==> flow/design.v <==
module mux2 #(parameter N = 1) (
    input wire [N-1:0] a,
    input wire [N-1:0] b,
    input wire s,
    output wire [N-1:0] y
);
    assign y = s ? b : a;
endmodule
module data_mux_n (i_clk, aresetn, in_in, idx_in, res_out);
    parameter integer BITS = 3;
    parameter integer LANES = 8;
    localparam integer SEL_WIDTH = $clog2(LANES);
    input i_clk;
    input aresetn;
    input [LANES*BITS-1:0] in_in;
    input [SEL_WIDTH-1:0] idx_in;
    output [BITS-1:0] res_out;
    reg [LANES*BITS-1:0] in_d1;
    reg [SEL_WIDTH-1:0] idx_d1;
    always @(posedge i_clk or negedge aresetn) begin
        if (~aresetn) begin
            in_d1 <= 0;
            idx_d1 <= 0;
        end else begin
            in_d1 <= in_in;
            idx_d1 <= idx_in;
        end
    end
    wire [BITS-1:0] tree [1:2*LANES-1];
    genvar k;
    generate
        for (k = 0; k < LANES; k = k + 1) begin : u_g
            assign tree[LANES+k] = in_d1[k*BITS +: BITS];
        end
        for (k = 1; k < LANES; k = k + 1) begin : stage
            mux2 #(.N(BITS)) i_sub (.a(tree[2*k]), .b(tree[2*k+1]), .s(idx_d1[SEL_WIDTH - $clog2(k+1)]), .y(tree[k]));
        end
    endgenerate
    assign res_out = tree[1];
endmodule
# Reports on data_mux_n
# The steps from the RTL of data_mux_n to its reports follow in flow order.
# Line numbers count from 1 in the design file above.
# Cell names lack the library's common part.
# The mark n/a stands for no value.
[inputs]
top_module = "data_mux_n"
clock_port = "i_clk"
library = "sky130hd"
pvt_corner = "tt_025C_1v80"

# Elaborated design
# Source: Yosys, flattened and elaborated. Widths are those after wreduce; folded enables and synchronous resets count as part of the registers. Registers that Yosys merges into a memory's read port (data or address) are not register bits. Print and check cells do not count. Equal cells are merged and count once.
[bits]
regBits = 27
in_bits = 29
word_cells = 9
[classes]
mux = 7
[op_table]
columns = ["op", "n"]
rows = [
  ["2-to-1 mux 3 bit", 7],
]

# Depth
# Depth = most cells in a row (Yosys ltp): at word level without a register or memory, in the mapped netlist without a sequential cell, where the memories' decode and read muxes count.
[logic_depth]
ltp_word = 3
ABC_AREA = 0
ltp_mapped = 3

# Mapped cells and area
# Source: synth_stat.txt of the flow (Yosys; design flattened, memories mapped). It holds for the ABC_AREA given above (unset counts as 0); a run with the other value may have another netlist.
[mapped]
mapped_cells = 37
synth_area_mm2 = 0.0008783
ff_cells = 27
[types]
columns = ["type", "n", "type_area_um2"]
rows = [
  ["dfrtp_1", 27, 675.648],
  ["mux4_1", 6, 157.651],
  ["mux2_2", 3, 33.782],
  ["buf_6", 1, 11.261],
]
# The figures by module come from a second, unflattened synthesis with its own total; it is not the netlist above.
[unflattened]
hier_cells = 48
area_unflattened_mm2 = 0.0009121
# Rows give one instance, submodules left out.
[modules]
columns = ["mod", "n_inst", "n_cells", "area_mm2", "seq_area_mm2"]
rows = [
  ["data_mux_n", 1, 27, 0.0006756, 0.0006756],
  ["mux2 (N=3)", 7, 3, 0.0000338, 0],
]

# Worst setup path after synthesis
# Path of least setup slack by OpenSTA after synthesis, without wires, with an ideal clock, recovery checks aside; 20% of the period is set as input and as output delay. Where synthesis merged equal registers, the netlist keeps one of their names.
[synth_path]
path_kind = "flip-flop to output port"
from = "register idx_d1[0]"
to = "output res_out[0]"
period_ps = 1960
output_delay_ps = 392
launch_ps = 0
t_arrival_ps = 1255
slack_ps = 313
delay_ps = 1255
stages = 4
path_buffers = 1
period_less_setup_slack_ps = 1647
# "delay_ps" = arrival - input delay + setup time.
# A path that ends at an output port has no setup time.
# "stages": output pins that drive a net of the path, with the launching flip-flop's if there is one; two outputs of one cell count as two.
# "period_less_setup_slack_ps" is the clock period less the worst setup slack; recovery checks do not enter. This is arithmetic on one report: input and output delays are still those of the set period (20% each).
# The rows between start and end are the longest chain of elaborated cells between them; the timing report does not say that the signal goes this way. Where chains are equally long, one stands for them.
# Each line given opens the expression or statement behind the cell; cells for indexed reads and writes are added by Yosys, which also makes memories of some case tables.
[synth_between]
cell_sequence = "dfrtp_1 -> buf_6 -> mux4_1 -> mux2_2"
elab_chain_len = 3
cone_cells = 7
cone_lines = 1
classes_between = "mux (7)"
[synth_rtl]
columns = ["item", "line", "rtl"]
rows = [
  ["start, declared", 19, "reg [SEL_WIDTH-1:0] idx_d1;"],
  ["start, assigned", 23, "idx_d1 <= 0;"],
  ["start, assigned", 26, "idx_d1 <= idx_in;"],
  ["2-to-1 mux 3 bit x3", 7, "assign y = s ? b : a;"],
  ["end, declared", 17, "output [BITS-1:0] res_out;"],
]

# Worst path after layout
# Path of least setup slack in the final report of run 1 (OpenROAD, finished layout, wires in). Where an end is a register, its clock arrival counts in the times.
# The path's times are printed in steps of 10 ps; the period is the one set.
[layout_path]
path_kind = "flip-flop to output port"
from = "register idx_d1[0]"
to = "output res_out[0]"
period_ps = 1370
output_delay_ps = 270
launch_ps = 300
t_arrival_ps = 1800
slack_ps = -700
stages = 6
path_buffers = 3
# The rows between start and end are the longest chain of elaborated cells between them; the timing report does not say that the signal goes this way. Where chains are equally long, one stands for them.
[layout_between]
cell_sequence = "dfrtp_1 -> buf_4 -> buf_6 -> mux4_2 -> mux2_4 -> buf_6"
elab_chain_len = 3
cone_cells = 7
cone_lines = 1
classes_between = "mux (7)"
[layout_rtl]
columns = ["item", "line", "rtl"]
rows = [
  ["start, declared", 19, "reg [SEL_WIDTH-1:0] idx_d1;"],
  ["start, assigned", 23, "idx_d1 <= 0;"],
  ["start, assigned", 26, "idx_d1 <= idx_in;"],
  ["2-to-1 mux 3 bit x3", 7, "assign y = s ? b : a;"],
  ["end, declared", 17, "output [BITS-1:0] res_out;"],
]

# Measured data: module data_mux_n, platform sky130hd, 3 stored runs of the flow under differing settings, order arbitrary. Input and output delays are each 20% of the period that was set; the output load is 0.01 pF.
# "total_power_uw": no workload was simulated; the value follows from the tool's default switching activity.

[[run]]
name = "run 1"
[run.settings]
period_ns = 1.37
CORE_UTILIZATION = 50
SETUP_SLACK_MARGIN = 0.16
CELL_PAD_IN_SITES_GLOBAL_PLACEMENT = 0
TNS_END_PERCENT = 50
CTS_CLUSTER_DIAMETER = 235
CAP_MARGIN = 20
CORE_MARGIN = 2
SLEW_MARGIN = 20
[run.results]
post_synth_area_mm2 = 0.0008783
tns_setup_ps = -2054
layout_stdcell_area_mm2 = 0.0012625
die_footprint_mm2 = 0.0021077
worstSetupSlack_ps = -701
total_power_uw = 1354

[[run]]
name = "run 2"
[run.settings]
period_ns = 1.96
CAP_MARGIN = 20
CORE_MARGIN = 2
CORE_UTILIZATION = 40
SLEW_MARGIN = 20
[run.results]
post_synth_area_mm2 = 0.0008783
tns_setup_ps = -483
layout_stdcell_area_mm2 = 0.00126
die_footprint_mm2 = 0.0025867
worstSetupSlack_ps = -167
total_power_uw = 956.3

[[run]]
name = "run 3"
[run.settings]
period_ns = 1.64
CORE_UTILIZATION = 44
SETUP_SLACK_MARGIN = 0.23
HOLD_SLACK_MARGIN = 0.13
CELL_PAD_IN_SITES_GLOBAL_PLACEMENT = 3
TNS_END_PERCENT = 30
GPL_ROUTABILITY_DRIVEN = 0
CAP_MARGIN = 10
SLEW_MARGIN = 15
CORE_MARGIN = 2
[run.results]
post_synth_area_mm2 = 0.0008783
tns_setup_ps = -1283
layout_stdcell_area_mm2 = 0.0012637
die_footprint_mm2 = 0.0023697
worstSetupSlack_ps = -447
total_power_uw = 1145
